==> flow/design.v <==
module add_rtl #(
    parameter integer DWIDTH = 16,
    parameter integer GROUP = 2
) (
    input wire aclk,
    input wire nrst,
    input wire clk_en,
    input wire [DWIDTH-1:0] dataa,
    input wire [DWIDTH-1:0] datab,
    input wire carry_in,
    output reg [DWIDTH-1:0] res,
    output reg carry_out
);
    localparam GROUPS = DWIDTH / GROUP;
    wire [DWIDTH-1:0] r;
    wire [GROUPS:0] c;
    assign c[0] = carry_in;
    genvar g;
    generate
        for (g = 0; g < GROUPS; g = g + 1) begin : row
            wire [GROUP:0] s0 = dataa[g*GROUP +: GROUP] + datab[g*GROUP +: GROUP];
            wire [GROUP:0] s1 = dataa[g*GROUP +: GROUP] + datab[g*GROUP +: GROUP] + 1'b1;
            assign {c[g+1], r[g*GROUP +: GROUP]} = c[g] ? s1 : s0;
        end
    endgenerate
    always @(posedge aclk or negedge nrst) begin
        if (~nrst) begin
            res <= 0;
            carry_out <= 1'b0;
        end else if (clk_en) begin
            res <= r;
            carry_out <= c[GROUPS];
        end
    end
endmodule
--- tool output ---
From RTL to reports: add_rtl:

Tool output for the members of one design family, told apart by "DWIDTH", in the order of the flow.
The RTL above is that of DWIDTH=16; lines are counted from 1 in the file of the member named.
Operators carry their Yosys type and port widths (W data, S select, Z words).
Cell names lack the library's common part.
Not given: -

* design top: add_rtl
* clock: aclk
* standard-cell library: sky130hd
* timing corner: tt_025C_1v80

Members of the sweep:

New or changed lines of each further member against the RTL above, in its own file; lines it lacks are not shown.

Lines new or changed
* DWIDTH 48: line 2 `parameter integer DWIDTH = 48,`
* DWIDTH 60: line 2 `parameter integer DWIDTH = 60,`
* DWIDTH 96: line 2 `parameter integer DWIDTH = 96,`
* DWIDTH 120: line 2 `parameter integer DWIDTH = 120,`

Word-level counts:

Source: Yosys, flattened and elaborated, memories not mapped. Widths are those after wreduce; folded enables and synchronous resets count as part of the registers. Registers that Yosys merges into a memory's read port (data or address) are not register bits. Print and check cells do not count. Equal cells are merged and count once.

Word-level totals
* DWIDTH 16: cells after elaboration 26, register bits after elaboration 17, output and inout bits 17
* DWIDTH 48: cells after elaboration 74, register bits after elaboration 49, output and inout bits 49
* DWIDTH 60: cells after elaboration 92, register bits after elaboration 61, output and inout bits 61
* DWIDTH 96: cells after elaboration 146, register bits after elaboration 97, output and inout bits 97
* DWIDTH 120: cells after elaboration 182, register bits after elaboration 121, output and inout bits 121

Operators by class
* DWIDTH 16: add/subtract/negate cells 16, mux-type cells 8
* DWIDTH 48: add/subtract/negate cells 48, mux-type cells 24
* DWIDTH 60: add/subtract/negate cells 60, mux-type cells 30
* DWIDTH 96: add/subtract/negate cells 96, mux-type cells 48
* DWIDTH 120: add/subtract/negate cells 120, mux-type cells 60

Operators by type and width (kind and count)
* DWIDTH 16: $add A2 B2 Y3 (8); $add A3 B1 Y3 const B (8); $mux W3 (8)
* DWIDTH 48: $add A2 B2 Y3 (24); $add A3 B1 Y3 const B (24); $mux W3 (24)
* DWIDTH 60: $add A2 B2 Y3 (30); $add A3 B1 Y3 const B (30); $mux W3 (30)
* DWIDTH 96: $add A2 B2 Y3 (48); $add A3 B1 Y3 const B (48); $mux W3 (48)
* DWIDTH 120: $add A2 B2 Y3 (60); $add A3 B1 Y3 const B (60); $mux W3 (60)

Longest topological paths:

Longest topological path by Yosys (ltp), each cell counted once; first at word level (registers and memories cut), then after technology mapping (sequential cells cut; the memories' decode and read muxes count).

Depth
* DWIDTH 16: word-level depth 10, ABC_AREA 0, gate-level depth with buffers 12, depth with buffers taken out 12
* DWIDTH 48: word-level depth 26, ABC_AREA 0, gate-level depth with buffers 25, depth with buffers taken out 25
* DWIDTH 60: word-level depth 32, ABC_AREA 0, gate-level depth with buffers 30, depth with buffers taken out 30
* DWIDTH 96: word-level depth 50, ABC_AREA 0, gate-level depth with buffers 44, depth with buffers taken out 43
* DWIDTH 120: word-level depth 62, ABC_AREA 0, gate-level depth with buffers 53, depth with buffers taken out 53

Netlist:

Yosys stat after the flow's synthesis: flattened, memories mapped to cells. It holds for the ABC_AREA given above (unset counts as 0); a run with the other value may have another netlist.
The area totals of this step are shown rounded.

Mapped netlist
* DWIDTH 16: flip-flops 17, standard cells after synthesis 189, chip area (Yosys) 1687 µm², area of sequential cells 425.4 µm²
* DWIDTH 48: flip-flops 49, standard cells after synthesis 481, chip area (Yosys) 4901 µm², area of sequential cells 1226 µm²
* DWIDTH 60: flip-flops 61, standard cells after synthesis 597, chip area (Yosys) 5986 µm², area of sequential cells 1526 µm²
* DWIDTH 96: flip-flops 97, standard cells after synthesis 970, chip area (Yosys) 9687 µm², area of sequential cells 2427 µm²
* DWIDTH 120: flip-flops 121, standard cells after synthesis 1176, chip area (Yosys) 11860 µm², area of sequential cells 3028 µm²

Cell types (type and count)
* DWIDTH 16: dfrtp_1 (17); ha_1 (16); fa_1 (8); inv_1 (29); a21oi_1 (18); nor2_1 (24); xnor2_1 (7); mux2i_1 (3); a2111oi_4 (1); nand4b_1 (3); and4bb_1 (2); xnor3_1 (1); nor3_1 (4); nand4_1 (3); nor2b_1 (3); and3b_1 (2); a311oi_2 (1); nand2_1 (4); (+43)
* DWIDTH 48: dfrtp_1 (49); ha_1 (48); fa_1 (24); xnor2_1 (30); mux2i_1 (20); mux2_2 (17); nor2_1 (50); a21oi_1 (37); inv_1 (35); nand4_1 (15); a311oi_4 (3); nand4b_1 (8); nand3_1 (11); nand2_1 (14); xor2_1 (6); nand4b_4 (2); nand3b_1 (6); a31oi_1 (6); (+100)
* DWIDTH 60: dfrtp_1 (61); ha_1 (60); fa_1 (30); xnor2_1 (39); mux2_2 (25); mux2i_1 (25); nor2_1 (57); a21oi_1 (41); inv_1 (35); nand3_1 (18); xor2_1 (10); nand3b_1 (11); a311oi_4 (3); clkbuf_1 (21); nand4b_1 (9); nand4_1 (12); nor2b_1 (12); nand2_1 (18); (+110)
* DWIDTH 96: dfrtp_1 (97); ha_1 (96); fa_1 (48); xnor2_1 (72); mux2_2 (40); mux2i_1 (42); nor2_1 (92); a21oi_1 (62); inv_1 (45); nor2b_1 (27); a311oi_4 (6); nand3b_1 (21); nand3_1 (29); nand4_1 (22); clkbuf_1 (31); nand2_1 (30); a31oi_1 (17); nor4_1 (16); (+177)
* DWIDTH 120: dfrtp_1 (121); ha_1 (120); fa_1 (60); xnor2_1 (93); mux2_2 (52); mux2i_1 (54); nor2_1 (114); a21oi_1 (78); a311oi_4 (8); nand4_1 (33); inv_1 (49); nor2b_1 (29); nand3b_1 (23); a31oi_1 (26); nand3_1 (31); nand4b_1 (16); nor4_1 (21); nand2_1 (32); (+216)

A list marked (+n) leaves out that many cells.

Worst setup path after synthesis:

Source: OpenSTA report_checks on the synthesized netlist (no wires, ideal clock, input and output delay 20% of the period each), path of least setup slack; recovery checks are left aside. Register names are those of the netlist, which keeps one name where synthesis merged equal registers.

Timing post-synthesis
* DWIDTH 16: path kind input port to flip-flop, from input dataa[0], to register res[12], period 4.44 ns, slack 0.712 ns, path delay 2.840 ns, driving pins on the path 12, synthesis period reached 3.728 ns
* DWIDTH 48: path kind input port to flip-flop, from input dataa[0], to register res[42], period 8.5 ns, slack 1.362 ns, path delay 5.438 ns, driving pins on the path 25, synthesis period reached 7.138 ns
* DWIDTH 60: path kind input port to flip-flop, from input dataa[0], to register res[57], period 10.4 ns, slack 1.671 ns, path delay 6.649 ns, driving pins on the path 30, synthesis period reached 8.729 ns
* DWIDTH 96: path kind input port to flip-flop, from input dataa[0], to register res[92], period 16.9 ns, slack 2.687 ns, path delay 10.833 ns, driving pins on the path 44, synthesis period reached 14.213 ns
* DWIDTH 120: path kind input port to flip-flop, from input dataa[0], to register res[118], period 19.9 ns, slack 3.155 ns, path delay 12.764 ns, driving pins on the path 53, synthesis period reached 16.745 ns

"path delay" = arrival - input delay + setup time.
"driving pins on the path" counts driving pins, that of a launching flip-flop among them; a cell with two outputs on the path counts twice.
"synthesis period reached" = period - worst setup slack (recovery checks aside). The figure is calculated, with input and output delays left at 20% of the set period.
The rows between start and end are the longest chain of elaborated cells between them; the timing report does not say that the signal goes this way. Where chains are equally long, one stands for them.
Each line given opens the expression or statement behind the cell; cells for indexed reads and writes are added by Yosys, which also makes memories of some case tables.

On the way, post-synthesis, DWIDTH=16:
* cells in the longest elaborated chain: 9

RTL lines, path post-synthesis, DWIDTH=16
* start: declaration: line 8 `input wire [DWIDTH-1:0] dataa,`
* $add A2 B2 Y3: line 22 `wire [GROUP:0] s1 = dataa[g*GROUP +: GROUP] + datab[g*GROUP +: GROUP] + 1'b1;`
* $add A3 B1 Y3: line 22
* $mux W3 (7 in a row): line 23 `assign {c[g+1], r[g*GROUP +: GROUP]} = c[g] ? s1 : s0;`
* end: assignment: line 28 `res <= 0;`
* end: assignment: line 31 `res <= r;`
* end: declaration: line 11 `output reg [DWIDTH-1:0] res,`

On the way, post-synthesis, DWIDTH=120:
* cells in the longest elaborated chain: 62

RTL lines, path post-synthesis, DWIDTH=120
* start: declaration: line 8 `input wire [DWIDTH-1:0] dataa,`
* $add A2 B2 Y3: line 22 `wire [GROUP:0] s1 = dataa[g*GROUP +: GROUP] + datab[g*GROUP +: GROUP] + 1'b1;`
* $add A3 B1 Y3: line 22
* $mux W3 (60 in a row): line 23 `assign {c[g+1], r[g*GROUP +: GROUP]} = c[g] ? s1 : s0;`
* end: assignment: line 28 `res <= 0;`
* end: assignment: line 31 `res <= r;`
* end: declaration: line 11 `output reg [DWIDTH-1:0] res,`

Path in the finished layout:

Path of least setup slack in the final report of each member's run (OpenROAD, finished layout, wires in). Where an end is a register, its clock arrival counts in the times.

Timing after layout
* DWIDTH 16: path kind input port to flip-flop, from input dataa[0], to register res[12], slack 0.29 ns, period 4.44 ns, buffers on the path 1, data arrival time 4.29 ns, driving pins on the path 13
* DWIDTH 48: path kind input port to flip-flop, from input dataa[0], to register res[46], slack 0.68 ns, period 8.5 ns, buffers on the path 1, data arrival time 8.05 ns, driving pins on the path 26
* DWIDTH 60: path kind input port to flip-flop, from input dataa[0], to register res[57], slack 0.87 ns, period 10.4 ns, buffers on the path 1, data arrival time 9.72 ns, driving pins on the path 31
* DWIDTH 96: path kind input port to flip-flop, from input dataa[0], to register res[95], slack 1.37 ns, period 16.9 ns, buffers on the path 1, data arrival time 15.80 ns, driving pins on the path 44
* DWIDTH 120: path kind input port to flip-flop, from input datab[0], to register res[118], slack 1.59 ns, period 19.9 ns, buffers on the path 1, data arrival time 18.65 ns, driving pins on the path 54

Measured runs:

Settings and results of one run of the flow (Yosys, OpenROAD) for each member follow. The constraints put input and output delay at 20% of the set period each and load the outputs with 0.01 pF.

* CAP_MARGIN: 20
* CORE_MARGIN: 2
* CORE_UTILIZATION: 40
* SLEW_MARGIN: 20

Settings that differ (period_ns)
* DWIDTH 16: 4.44
* DWIDTH 48: 8.5
* DWIDTH 60: 10.4
* DWIDTH 96: 16.9
* DWIDTH 120: 19.9

Measured results
* DWIDTH 16: smallest setup slack 0.292 ns, achieved clock period 4.148 ns, post-synthesis cell area 1687 µm², total die area 4752 µm², worst hold slack in the final report 0.520 ns, post-route utilization 57.0%, summed negative setup slack 0.000 ns
* DWIDTH 48: smallest setup slack 0.677 ns, achieved clock period 7.823 ns, post-synthesis cell area 4901 µm², total die area 13150 µm², worst hold slack in the final report 0.511 ns, post-route utilization 55.3%, summed negative setup slack 0.000 ns
* DWIDTH 60: smallest setup slack 0.867 ns, achieved clock period 9.533 ns, post-synthesis cell area 5986 µm², total die area 15960 µm², worst hold slack in the final report 0.508 ns, post-route utilization 56.7%, summed negative setup slack 0.000 ns
* DWIDTH 96: smallest setup slack 1.365 ns, achieved clock period 15.535 ns, post-synthesis cell area 9687 µm², total die area 25480 µm², worst hold slack in the final report 0.506 ns, post-route utilization 55.9%, summed negative setup slack 0.000 ns
* DWIDTH 120: smallest setup slack 1.588 ns, achieved clock period 18.312 ns, post-synthesis cell area 11860 µm², total die area 31050 µm², worst hold slack in the final report 0.504 ns, post-route utilization 56.2%, summed negative setup slack 0.000 ns

By "achieved clock period" is meant the clock period of the run minus its worst setup slack. This is arithmetic on one report: input and output delays are still those of the set period (20% each).
Results are given in rounded form.
--- end ---
